==> flow/design.v <==
module gen_data_mux_v2 #(
   parameter WIDTH = 1,
   parameter N_IN = 10,
   parameter SBITS = $clog2(N_IN)
) (
   input  i_clk,
   input  resetn,
   input  [N_IN*WIDTH-1:0] ch,
   input  [SBITS-1:0] sel,
   output [WIDTH-1:0] y
);
   reg [N_IN*WIDTH-1:0] ch_q;
   reg [SBITS-1:0] sel_q;
   always @(posedge i_clk or negedge resetn) begin
      if (~resetn) begin
         ch_q <= 0;
         sel_q <= 0;
      end else begin
         ch_q <= ch;
         sel_q <= sel;
      end
   end
   reg [WIDTH-1:0] nxt;
   integer i;
   always @* begin
      nxt = 0;
      for (i = 0; i < N_IN; i = i + 1)
         if (sel_q == i) nxt = ch_q[i*WIDTH +: WIDTH];
   end
   assign y = nxt;
endmodule
### Step by step through the tools: gen_data_mux_v2

Tool output for the design above, in the order of the flow.
Lines are those of the file above, counted from 1.
Cell names lack the library's common part.
Not given: n/a

* top: gen_data_mux_v2
* clock input: i_clk
* cell library: sky130hd
* library corner: tt_025C_1v80

### After elaboration

Yosys after proc, flatten, opt, wreduce and memory -nomap, before mapping. Enables and synchronous resets that opt folds into registers are not counted as muxes. Memory bits, and registers merged into a memory's read port (data or address), are not among the register bits. Print and check cells are not counted. Equal cells are merged and count once.

* equal/unequal tests: 9
* multiplexer cells: 10
* reductions and logical operators: 1

Operator list (count)
* 4-bit by 3-bit equality test with 1-bit output (second input constant): 4
* 1-bit two-way mux: 10
* 4-bit by 2-bit equality test with 1-bit output (second input constant): 2
* 4-bit equality test (second input constant): 2
* 4-bit by 1-bit equality test with 1-bit output (second input constant): 1
* 4-bit logical NOT: 1

* bits in registers: 14
* input port bits: 16

### Logic depth

Yosys ltp: most cells in a row. Word level: on the elaborated netlist, between registers, memories and ports. Mapped: between sequential cells and ports; inverters and the memories' decode and read muxes count.

* word-level depth: 11
* ABC_AREA: 0
* mapped depth: 3
* mapped depth without buffers: 3

### Synthesis result

Source: synth_stat.txt of the flow (Yosys; design flattened, memories mapped). It holds for the ABC_AREA given above (unset counts as 0); a run with the other value may have another netlist.
The area totals of this step are shown rounded.

Cell types (count)
* dfrtp_1: 14
* mux2i_1: 5
* nor3b_1: 2
* o41a_1: 1
* o221ai_1: 1
* nand2b_1: 1
* or2_2: 1
* nor3_1: 1

* cell count: 26
* mapped area: 453 um^2
* flip-flop cells: 14
* buffer cells: 0

### Worst setup path after synthesis

Source: OpenSTA report_checks on the synthesized netlist (no wires, ideal clock, input and output delay 20% of the period each), path of least setup slack; recovery checks are left aside. Register names are those of the netlist, which keeps one name where synthesis merged equal registers.

* path kind: register to output
* start: register sel_q[3]
* end: output port y[0]
* period: 1670 ps
* time at the first pin: 0 ps
* arrival time: 1069 ps
* data required time: 1336 ps
* path slack: 267 ps
* delay of the path: 1069 ps
* driving pins on the path: 4
* synthesis period reached: 1403 ps

"delay of the path" is the arrival time less input delay plus setup time.
A path that ends at an output port has no setup time.
"driving pins on the path": output pins that drive a net of the path, with the launching flip-flop's if there is one; two outputs of one cell count as two.
"synthesis period reached" = period - worst setup slack (recovery checks aside). The figure is calculated, with input and output delays left at 20% of the set period.
Between the ends stands the longest chain of elaborated cells between them, by number of cells; it is not shown to be the way that was timed. Of several equally long chains one is given.
Each line given opens the expression or statement behind the cell; cells for indexed reads and writes are added by Yosys, which also makes memories of some case tables.

* cells stage by stage: dfrtp_1 > mux2i_1 > nor3b_1 > o41a_1
* cells in the longest elaborated chain: 11
* elaborated cells between the ends (all ways): 20
* source lines of those cells: 1
* classes of those cells: 9 x eq/ne; 10 x mux; 1 x reduce/logical

Ends and longest elaborated chain, after synthesis
* start, declared: RTL line 13 `reg [SBITS-1:0] sel_q;`
* start, assigned: RTL line 17 `sel_q <= 0;`
* start, assigned: RTL line 20 `sel_q <= sel;`
* 4-bit logical NOT: RTL line 28 `if (sel_q == i) nxt = ch_q[i*WIDTH +: WIDTH];`
* 1-bit two-way mux (10 in a row): RTL line 28
* end, declared: RTL line 10 `output [WIDTH-1:0] y`

### Path in the finished layout

From the final timing report of flow run 1: the path of least setup slack in the routed layout; clock arrival at registers is part of the times.
The report prints the path's times to 10 ps; the period is as set.

* path kind: register to output
* start: register sel_q[3]
* end: output port y[0]
* period: 1670 ps
* time at the first pin: 260 ps
* arrival time: 1490 ps
* data required time: 1340 ps
* path slack: -160 ps
* driving pins on the path: 5

Between the ends stands the longest chain of elaborated cells between them, by number of cells; it is not shown to be the way that was timed. Of several equally long chains one is given.

* cells stage by stage: dfrtp_2 > mux2i_1 > nor3b_1 > o41a_1 > buf_2
* cells in the longest elaborated chain: 11
* elaborated cells between the ends (all ways): 20
* source lines of those cells: 1
* classes of those cells: 9 x eq/ne; 10 x mux; 1 x reduce/logical

Ends and longest elaborated chain, post-layout
* start, declared: RTL line 13 `reg [SBITS-1:0] sel_q;`
* start, assigned: RTL line 17 `sel_q <= 0;`
* start, assigned: RTL line 20 `sel_q <= sel;`
* 4-bit logical NOT: RTL line 28 `if (sel_q == i) nxt = ch_q[i*WIDTH +: WIDTH];`
* 1-bit two-way mux (10 in a row): RTL line 28
* end, declared: RTL line 10 `output [WIDTH-1:0] y`

Appendix: measured runs

Stored flow runs of gen_data_mux_v2 (3 of them; Yosys, OpenROAD, sky130hd). They differ in their settings and are not a sequence. Constraints: input delay and output delay 20% of the set period each, output load 0.01 pF.
"achieved period" means the clock period less the worst setup slack. The figure is calculated, with input and output delays left at 20% of the set period.
"time used up by the worst setup path" = time allowed to the worst setup path (clock period - input delay - output delay, where it has them) - its slack; a late launch clock adds to it, a late capture clock takes from it.
"power consumption" rests on the timing tool's default activity at the inputs, not on a simulated workload.
"time used up by the worst setup path" is known to 10 ps.
Measured values are rounded.

### Flow run 1

Settings: `period_ns=1.67`, `CAP_MARGIN=20`, `CORE_MARGIN=2`, `CORE_UTILIZATION=40`, `SLEW_MARGIN=20`

- Area of the standard cells in the finished layout: 666 um^2
- Post-layout utilization: 61.6%
- Achieved period: 1,826 ps
- Power consumption: 606 uW
- Time used up by the worst setup path: 1,490 ps
- Type of the worst setup path: register to output
- Area of the synthesized netlist: 453 um^2
- Post-route setup TNS: -156 ps
- Worst slack on setup checks: -156 ps
- Die footprint: 1,420 um^2

### Flow run 2

Settings: `period_ns=1.12`, `CORE_UTILIZATION=65`, `CORE_MARGIN=8`, `CELL_PAD_IN_SITES_DETAIL_PLACEMENT=1`, `TNS_END_PERCENT=85`, `ABC_AREA=1`, `CTS_CLUSTER_DIAMETER=191`, `SLEW_MARGIN=35`, `CAP_MARGIN=20`

No final report: floorplanning broke off with PDN-0185.

### Flow run 3

Settings: `period_ns=2.52`, `CORE_UTILIZATION=63`, `SETUP_SLACK_MARGIN=0.42`, `PLACE_DENSITY_LB_ADDON=0.28`, `CORE_ASPECT_RATIO=1.05`, `CELL_PAD_IN_SITES_GLOBAL_PLACEMENT=1`, `CTS_CLUSTER_SIZE=32`, `SLEW_MARGIN=25`, `CAP_MARGIN=20`, `CORE_MARGIN=2`

No final report: floorplanning broke off with PDN-0185.
